==> flow/design.v <==
module alu_compare_stage #(
    parameter DWIDTH = 112
) (
    input  aclk,
    input  reset,
    input  [DWIDTH-1:0] lhs,
    input  [DWIDTH-1:0] rhs,
    output [DWIDTH-1:0] mn,
    output [DWIDTH-1:0] mx
);
    reg [DWIDTH-1:0] lhs_s;
    reg [DWIDTH-1:0] rhs_s;
    always @(posedge aclk) begin
        if (reset) begin
            lhs_s <= 0;
            rhs_s <= 0;
        end else begin
            lhs_s <= lhs;
            rhs_s <= rhs;
        end
    end
    wire work;
    assign work = lhs_s < rhs_s;
    reg [DWIDTH-1:0] mn_s;
    always @(posedge aclk) begin
        if (reset) begin
            mn_s <= 0;
        end else begin
            mn_s <= work ? lhs_s : rhs_s;
        end
    end
    assign mn = mn_s;
    reg [DWIDTH-1:0] mx_s;
    always @(posedge aclk) begin
        if (reset) begin
            mx_s <= 0;
        end else begin
            mx_s <= work ? rhs_s : lhs_s;
        end
    end
    assign mx = mx_s;
endmodule
Tool chain data of alu_compare_stage
What the tools print for alu_compare_stage, step after step.
Lines are those of the file above, counted from 1.
Operators carry their Yosys type and port widths (W data, S select, Z words).
Cell names lack the library's common part.
{ "setup": {"top": "alu_compare_stage", "clk_port": "aclk", "cell_library": "sky130hd", "lib_corner": "tt_025C_1v80"} }

Elaborated design
Counts by Yosys on the flattened word-level netlist (proc, flatten, opt, wreduce; memories kept). Register bits leave out memories and registers merged into their read ports (data or address); mux counts leave out enables and synchronous resets folded into registers. Print and check cells are left out. Cells with the same type and inputs are merged into one.
{ "bits": {"out_inout_bits": 224, "regBits": 448, "word_cells": 7, "in_bits": 226} }
{ "op_classes": {"cmp": 1, "mux": 2} }
{ "op_table": {"columns": ["operator", "n"], "rows": [
  ["$mux W112", 2],
  ["$lt A112 B112 Y1", 1]
]} }

Logic depth
Depth = most cells in a row (Yosys ltp): at word level without a register or memory, in the mapped netlist without a sequential cell, where the memories' decode and read muxes count.
{ "depth": {"ltp_word": 2, "abc_area": 0, "ltp_mapped": 13, "ltp_nobuf": 10} }

Mapped cells and area
Yosys stat after the flow's synthesis: flattened, memories mapped to cells. It holds for the ABC_AREA given above (unset counts as 0); a run with the other value may have another netlist.
{ "types": {"columns": ["type", "n", "area_total_um2"], "rows": [
  ["dfxtp_1", 448, 8.97E+03],
  ["mux2i_1", 224, 2242.15],
  ["nor2b_1", 227, 1.42E+03],
  ["nand2b_1", 225, 1407.6],
  ["ha_1", 111, 1.39E+03],
  ["inv_1", 113, 424.157],
  ["a21oi_1", 45, 225.216],
  ["clkbuf_1", 51, 191.434],
  ["nand4_1", 21, 131.376],
  ["a21o_1", 17, 127.622],
  ["buf_6", 9, 101.347],
  ["nand2_1", 24, 90.086],
  ["buf_4", 9, 67.565],
  ["o21ai_0", 13, 65.062],
  ["nor3_1", 8, 40.038],
  ["nand3_1", 7, 35.034],
  ["buf_2", 6, 30.029],
  ["nor2_1", 8, 30.029]
]} }
Not listed: further types 16, cells in them 26.
{ "mapped": {"flip_flops": 448, "n_buf": 75, "cell_count": 1592, "area_um2": 17191.5, "seqArea_um2": 8968.6} }

Timing after synthesis
Path of least setup slack by OpenSTA after synthesis, without wires, with an ideal clock, recovery checks aside; 20% of the period is set as input and as output delay. Where synthesis merged equal registers, the netlist keeps one of their names.
{ "synth_timing": {"kind": "reg2reg", "from": "reg rhs_s[45]", "to": "reg mn_s[100]", "clock_period_ns": 3.4, "n_path_buf": 3, "setup_time_ns": 0.120, "stages": 13, "slack_ns": 0.683, "t_arrival_ns": 2.597, "t_first_pin_ns": 0.000, "path_delay_ns": 2.717, "required_ns": 3.280, "period_less_setup_slack_ns": 2.717} }
"path_delay_ns" = arrival - input delay + setup time.
"stages" counts driving pins, that of a launching flip-flop among them; a cell with two outputs on the path counts twice.
"period_less_setup_slack_ns" = period - worst setup slack (recovery checks aside). The figure is calculated, with input and output delays left at 20% of the set period.
The rows between start and end are the longest chain of elaborated cells between them; the timing report does not say that the signal goes this way. Where chains are equally long, one stands for them.
A line is the first line of the expression or statement that the cell stems from. Yosys adds cells for indexed reads and writes and turns some case tables into memories.
{ "synth_via": {"path_cell_list": "dfxtp_1 > inv_1 > ha_1 > a21o_1 > a21o_1 > a2111oi_1 > o21ai_1 > or4_4 > a21o_1 > clkbuf_1 > buf_6 > buf_6 > mux2i_1", "elab_chain_cells": 2, "cone_cells": 2, "cone_lines": 2, "cone_classes": "compare (1); mux (1)"} }
{ "synth_rtl": {"columns": ["element", "line_no", "rtl"], "rows": [
  ["start: declaration", 12, "reg [DWIDTH-1:0] rhs_s;"],
  ["start: assignment", 16, "rhs_s <= 0;"],
  ["start: assignment", 19, "rhs_s <= rhs;"],
  ["$lt A112 B112 Y1", 23, "assign work = lhs_s < rhs_s;"],
  ["$mux W112", 29, "mn_s <= work ? lhs_s : rhs_s;"],
  ["end: assignment", 27, "mn_s <= 0;"],
  ["end: assignment", 29, null],
  ["end: declaration", 24, "reg [DWIDTH-1:0] mn_s;"]
]} }

Timing after layout
From the final timing report of entry B: the path of least setup slack in the routed layout; clock arrival at registers is part of the times.
{ "layout_timing": {"kind": "reg2reg", "from": "reg rhs_s[45]", "to": "reg mx_s[44]", "n_path_buf": 1, "t_first_pin_ns": 0.55, "slack_ns": 0.13, "setup_time_ns": 0.09, "required_ns": 3.86, "stages": 11, "t_arrival_ns": 3.74, "clock_period_ns": 3.4} }
The rows between start and end are the longest chain of elaborated cells between them; the timing report does not say that the signal goes this way. Where chains are equally long, one stands for them.
{ "layout_via": {"path_cell_list": "dfxtp_1 > inv_1 > ha_1 > a21o_1 > a21o_1 > a2111oi_1 > o21ai_1 > or4_4 > a21oi_4 > buf_12 > mux2i_1", "elab_chain_cells": 2, "cone_cells": 2, "cone_lines": 2, "cone_classes": "compare (1); mux (1)"} }
{ "layout_rtl": {"columns": ["element", "line_no", "rtl"], "rows": [
  ["start: declaration", 12, "reg [DWIDTH-1:0] rhs_s;"],
  ["start: assignment", 16, "rhs_s <= 0;"],
  ["start: assignment", 19, "rhs_s <= rhs;"],
  ["$lt A112 B112 Y1", 23, "assign work = lhs_s < rhs_s;"],
  ["$mux W112", 38, "mx_s <= work ? rhs_s : lhs_s;"],
  ["end: assignment", 36, "mx_s <= 0;"],
  ["end: assignment", 38, null],
  ["end: declaration", 33, "reg [DWIDTH-1:0] mx_s;"]
]} }

# Flow runs of alu_compare_stage

Module alu_compare_stage, platform sky130hd: 3 stored runs of the flow (Yosys, OpenROAD) with differing settings, in no particular order. Input and output delays are each 20% of the period that was set; the output load is 0.01 pF.
"finish__power__total" is the tool's figure for a default switching activity; nothing was simulated.

settings of entry A
{
  "period_ns": 2.89,
  "CORE_UTILIZATION": 59,
  "SETUP_SLACK_MARGIN": 0.12,
  "CORE_ASPECT_RATIO": 0.51,
  "CORE_MARGIN": 9,
  "CELL_PAD_IN_SITES_GLOBAL_PLACEMENT": 3,
  "CELL_PAD_IN_SITES_DETAIL_PLACEMENT": 1,
  "ABC_AREA": 1,
  "CAP_MARGIN": 20,
  "MIN_ROUTING_LAYER": "met1",
  "SLEW_MARGIN": 20
}
report of entry A: did not finish, place, GPL-0301

settings of entry B
{
  "period_ns": 3.4,
  "CAP_MARGIN": 20,
  "CORE_MARGIN": 2,
  "CORE_UTILIZATION": 40,
  "SLEW_MARGIN": 20
}
report of entry B
yosys chip area after synthesis (um^2): 17191.5
finish__design__die__area: 44654.0
finish__design__instance__utilization: 0.5671
finish__timing__setup__ws: 0.126
finish__timing__hold__ws: 0.487
finish__power__total: 1.286e-02

settings of entry C
{
  "period_ns": 2.36,
  "CORE_UTILIZATION": 20,
  "PLACE_DENSITY": 0.48,
  "HOLD_SLACK_MARGIN": -0.07,
  "CORE_MARGIN": 2,
  "CELL_PAD_IN_SITES_GLOBAL_PLACEMENT": 1,
  "CELL_PAD_IN_SITES_DETAIL_PLACEMENT": 1,
  "GPL_TIMING_DRIVEN": 1,
  "CTS_CLUSTER_DIAMETER": 335,
  "SLEW_MARGIN": 40,
  "MAX_ROUTING_LAYER": "met5",
  "CAP_MARGIN": 20
}
report of entry C
yosys chip area after synthesis (um^2): 17191.5
finish__design__die__area: 88318.9
finish__design__instance__utilization: 0.3150
finish__timing__setup__ws: -0.666
finish__timing__hold__ws: 0.287
finish__power__total: 2.034e-02
